==> flow/design.v <==
module my_mul_core (clk_i, rstn, i_u, i_v, o_mul);
   parameter integer DATA_W = 5;
   input clk_i;
   input rstn;
   input [DATA_W-1:0] i_u;
   input [DATA_W-1:0] i_v;
   output reg [2*DATA_W-1:0] o_mul;
   always @(posedge clk_i) begin
      if (!rstn) begin
         o_mul <= 0;
      end else begin
         o_mul <= i_u * i_v;
      end
   end
endmodule
Tool chain data of my_mul_core:

Tool output for the design above, in the order of the flow.
Line numbers count from 1 in the design file above.
Cell names lack the library's common part.
Not given: -

* top module: my_mul_core
* clock port: clk_i
* library: sky130hd
* timing corner: tt_025C_1v80

Elaborated design:

Yosys after proc, flatten, opt, wreduce and memory -nomap, before mapping. Enables and synchronous resets that opt folds into registers are not counted as muxes. Memory bits, and registers merged into a memory's read port (data or address), are not among the register bits. Print and check cells are not counted. Equal cells are merged and count once.

* bitwise operators: 0
* reductions and logical operators: 0
* divide/modulo/power cells: 0
* multiply operators: 1
* shift operators: 0
* magnitude comparators: 0
* equality and inequality tests: 0
* $add $sub $neg: 0
* mux-type cells: 0

Operator list (number)
* multiplier 5 x 5 -> 10 bit: 1

* bits in latches: 0
* memory bits (writable): 0
* word width x clocked read ports: 0
* word-level cells: 2
* bits in read-only memories: 0
* memories: 0
* register bits after elaboration: 10

Longest topological paths:

Yosys ltp: most cells in a row. Word level: on the elaborated netlist, between registers, memories and ports. Mapped: between sequential cells and ports; inverters and the memories' decode and read muxes count.

* depth after elaboration: 1
* ABC_AREA: 0
* mapped depth: 11
* depth with buffers taken out: 11

Mapped cells and area:

The flow's flattened synthesis, as Yosys stat reports it; memories are mapped. The netlist is that of the ABC_AREA named above (0 if unset); the other value can give another one.

Cells by type (number)
* ha_1: 18
* dfxtp_1: 10
* fa_1: 9
* and2_1: 20
* inv_1: 13
* nand2_1: 7
* a21oi_1: 4
* nor3_1: 4
* a41oi_2: 1
* o21a_1: 2
* nor2b_4: 1
* a211oi_2: 1
* nor3b_2: 1
* o31ai_2: 1
* mux2i_1: 1
* o211a_1: 1
* a211oi_1: 1
* a21o_1: 1

Not listed: further types 14, cells in them 16.

* buffer cells: 0
* area of sequential cells: 200.2 µm²
* cell area after synthesis: 1056.0 µm²
* cells in the netlist: 112
* mapped flip-flops: 10

Worst setup path after synthesis:

OpenSTA on the mapped netlist: ideal clock, no wires. The path of least setup slack (recovery checks aside). Input and output delay are each 20% of the period. Register names are those of the netlist, which keeps one name where synthesis merged equal registers.

* kind: input port to flip-flop
* from: input i_u[0]
* to: register o_mul[9]
* time at the first pin: 0.844 ns
* path slack: 0.674 ns
* delay of the path: 2.702 ns
* external input delay: 0.844 ns
* period: 4.22 ns
* arrival: 3.474 ns
* stages on the path: 10
* library setup time: 0.072 ns
* period reached after synthesis: 3.546 ns

"delay of the path" is the arrival time less input delay plus setup time.
"stages on the path" counts driving pins, that of a launching flip-flop among them; a cell with two outputs on the path counts twice.
"period reached after synthesis" = period - worst setup slack (recovery checks aside). The figure is calculated, with input and output delays left at 20% of the set period.
The rows between start and end are the longest chain of elaborated cells between them; the timing report does not say that the signal goes this way. Where chains are equally long, one stands for them.
A line is the first line of the expression or statement that the cell stems from. Yosys adds cells for indexed reads and writes and turns some case tables into memories.

* cell sequence: nand2_1 > fa_1 > fa_1 > fa_1 > inv_1 > ha_1 > o21ai_0 > nor2_1 > a41oi_2 > mux2i_1
* length of the longest elaborated chain: 1
* elaborated cells between the ends (all ways): 1
* RTL lines with such cells: 1
* classes of those cells: mul: 1

RTL lines, path post-synthesis
* start, declared: line 5 `input [DATA_W-1:0] i_u;`
* multiplier 5 x 5 -> 10 bit: line 12 `o_mul <= i_u * i_v;`
* end, assigned: line 10 `o_mul <= 0;`
* end, assigned: line 12
* end, declared: line 7 `output reg [2*DATA_W-1:0] o_mul;`

Timing after layout:

From the final timing report of run B: the path of least setup slack in the routed layout; clock arrival at registers is part of the times.

* kind: input port to flip-flop
* from: input i_v[3]
* to: register o_mul[8]
* period: 2.38 ns
* external input delay: 0.48 ns
* arrival: 3.12 ns
* path slack: -0.57 ns
* library setup time: 0.11 ns
* time at the first pin: 0.48 ns
* stages on the path: 11

The rows between start and end are the longest chain of elaborated cells between them; the timing report does not say that the signal goes this way. Where chains are equally long, one stands for them.

* cell sequence: buf_4 > nand2_2 > fa_1 > fa_1 > fa_1 > inv_2 > ha_4 > nor2b_4 > o31ai_4 > nand3_1 > nor3b_2
* length of the longest elaborated chain: 1
* elaborated cells between the ends (all ways): 1
* RTL lines with such cells: 1
* classes of those cells: mul: 1

RTL lines, path post-layout
* start, declared: line 6 `input [DATA_W-1:0] i_v;`
* multiplier 5 x 5 -> 10 bit: line 12 `o_mul <= i_u * i_v;`
* end, assigned: line 10 `o_mul <= 0;`
* end, assigned: line 12
* end, declared: line 7 `output reg [2*DATA_W-1:0] o_mul;`

Flow measurements of my_mul_core on sky130hd: 3 stored runs with different settings, listed in no order. Input and output delays are each 20% of the period that was set; the output load is 0.01 pF.
"clock period achieved" means the clock period less the worst setup slack. The figure is calculated, with input and output delays left at 20% of the set period.
"worst path time" is the time allowed to the run's worst setup path (the clock period less input and output delay, where it has them) less its slack. Clock arrival times count: a late capture clock shortens it, a late launch clock lengthens it.
"total power after layout" rests on the timing tool's default activity at the inputs, not on a simulated workload.

### Run A

==> flow/run.sh <==
#!/bin/bash
# the make line also repeats the synthesis and layout settings of config.mk as NAME=value (left out here)
make -C /OpenROAD-flow-scripts/flow DESIGN_CONFIG=/design/flow/config.mk WORK_HOME=/design/flow/orfs CLKGATE_MAP_FILE= finish
==> flow/config.mk <==
export PLATFORM = sky130hd
export DESIGN_NAME = my_mul_core
export DESIGN_NICKNAME = my_mul_core
export VERILOG_FILES = /design/flow/design.v
export SDC_FILE = /design/flow/constraint.sdc
export NUM_CORES = 4
export LEC_CHECK = 0
export CAP_MARGIN = 20
export CELL_PAD_IN_SITES_GLOBAL_PLACEMENT = 2
export CORE_ASPECT_RATIO = 1.18
export CORE_MARGIN = 2
export CORE_UTILIZATION = 56
export CTS_CLUSTER_DIAMETER = 70
export CTS_CLUSTER_SIZE = 77
export GPL_ROUTABILITY_DRIVEN = 1
export GPL_TIMING_DRIVEN = 0
export SETUP_SLACK_MARGIN = -0.2
export SLEW_MARGIN = 20
==> flow/constraint.sdc <==
create_clock -name core_clock -period 4.16 [get_ports {clk_i}]
set_input_delay 0.8320 -clock core_clock [delete_from_list [all_inputs] [get_ports {clk_i}]]
set_output_delay 0.8320 -clock core_clock [all_outputs]
set_load 0.01 [all_outputs]

Outcome of run A: incomplete, placement halted on GPL-0301

### Run B

==> flow/run.sh <==
#!/bin/bash
# the make line also repeats the synthesis and layout settings of config.mk as NAME=value (left out here)
make -C /OpenROAD-flow-scripts/flow DESIGN_CONFIG=/design/flow/config.mk WORK_HOME=/design/flow/orfs CLKGATE_MAP_FILE= finish
==> flow/config.mk <==
export PLATFORM = sky130hd
export DESIGN_NAME = my_mul_core
export DESIGN_NICKNAME = my_mul_core
export VERILOG_FILES = /design/flow/design.v
export SDC_FILE = /design/flow/constraint.sdc
export NUM_CORES = 4
export LEC_CHECK = 0
export CAP_MARGIN = 25
export CELL_PAD_IN_SITES_DETAIL_PLACEMENT = 1
export CORE_MARGIN = 2
export CORE_UTILIZATION = 40
export CTS_CLUSTER_DIAMETER = 317
export MAX_ROUTING_LAYER = met4
export PLACE_DENSITY_LB_ADDON = 0.13
export SETUP_SLACK_MARGIN = 0.42
export SLEW_MARGIN = 40
export TNS_END_PERCENT = 80
==> flow/constraint.sdc <==
create_clock -name core_clock -period 2.38 [get_ports {clk_i}]
set_input_delay 0.4760 -clock core_clock [delete_from_list [all_inputs] [get_ports {clk_i}]]
set_output_delay 0.4760 -clock core_clock [all_outputs]
set_load 0.01 [all_outputs]

Results of run B:
- Worst path time: 2.47 ns
- Worst path kind: input port to flip-flop
- Synthesized cell area: 1,056.0 µm²
- Clock period achieved: 2.947 ns
- Setup slack of the critical path: -0.567 ns
- Total die area: 3,066.9 µm²
- Post-route utilization: 0.7
- Total power after layout: 1.009 mW
- Setup TNS: -3.003 ns
- Final worst hold slack: 0.554 ns
- Standard-cell area after layout: 1,749.2 µm²

### Run C

==> flow/run.sh <==
#!/bin/bash
# the make line also repeats the synthesis and layout settings of config.mk as NAME=value (left out here)
make -C /OpenROAD-flow-scripts/flow DESIGN_CONFIG=/design/flow/config.mk WORK_HOME=/design/flow/orfs CLKGATE_MAP_FILE= finish
==> flow/config.mk <==
export PLATFORM = sky130hd
export DESIGN_NAME = my_mul_core
export DESIGN_NICKNAME = my_mul_core
export VERILOG_FILES = /design/flow/design.v
export SDC_FILE = /design/flow/constraint.sdc
export NUM_CORES = 4
export LEC_CHECK = 0
export CAP_MARGIN = 20
export CORE_MARGIN = 2
export CORE_UTILIZATION = 40
export SLEW_MARGIN = 20
==> flow/constraint.sdc <==
create_clock -name core_clock -period 4.22 [get_ports {clk_i}]
set_input_delay 0.8440 -clock core_clock [delete_from_list [all_inputs] [get_ports {clk_i}]]
set_output_delay 0.8440 -clock core_clock [all_outputs]
set_load 0.01 [all_outputs]

Results of run C:
- Setup TNS: 0.000 ns
- Total die area: 3,066.9 µm²
- Standard-cell area after layout: 1,392.6 µm²
- Clock period achieved: 3.916 ns
- Setup slack of the critical path: 0.304 ns
- Post-route utilization: 0.557
- Worst path time: 3.07 ns
- Worst path kind: input port to flip-flop
- Synthesized cell area: 1,056.0 µm²
- Total power after layout: 0.4139 mW
- Final worst hold slack: 1.269 ns
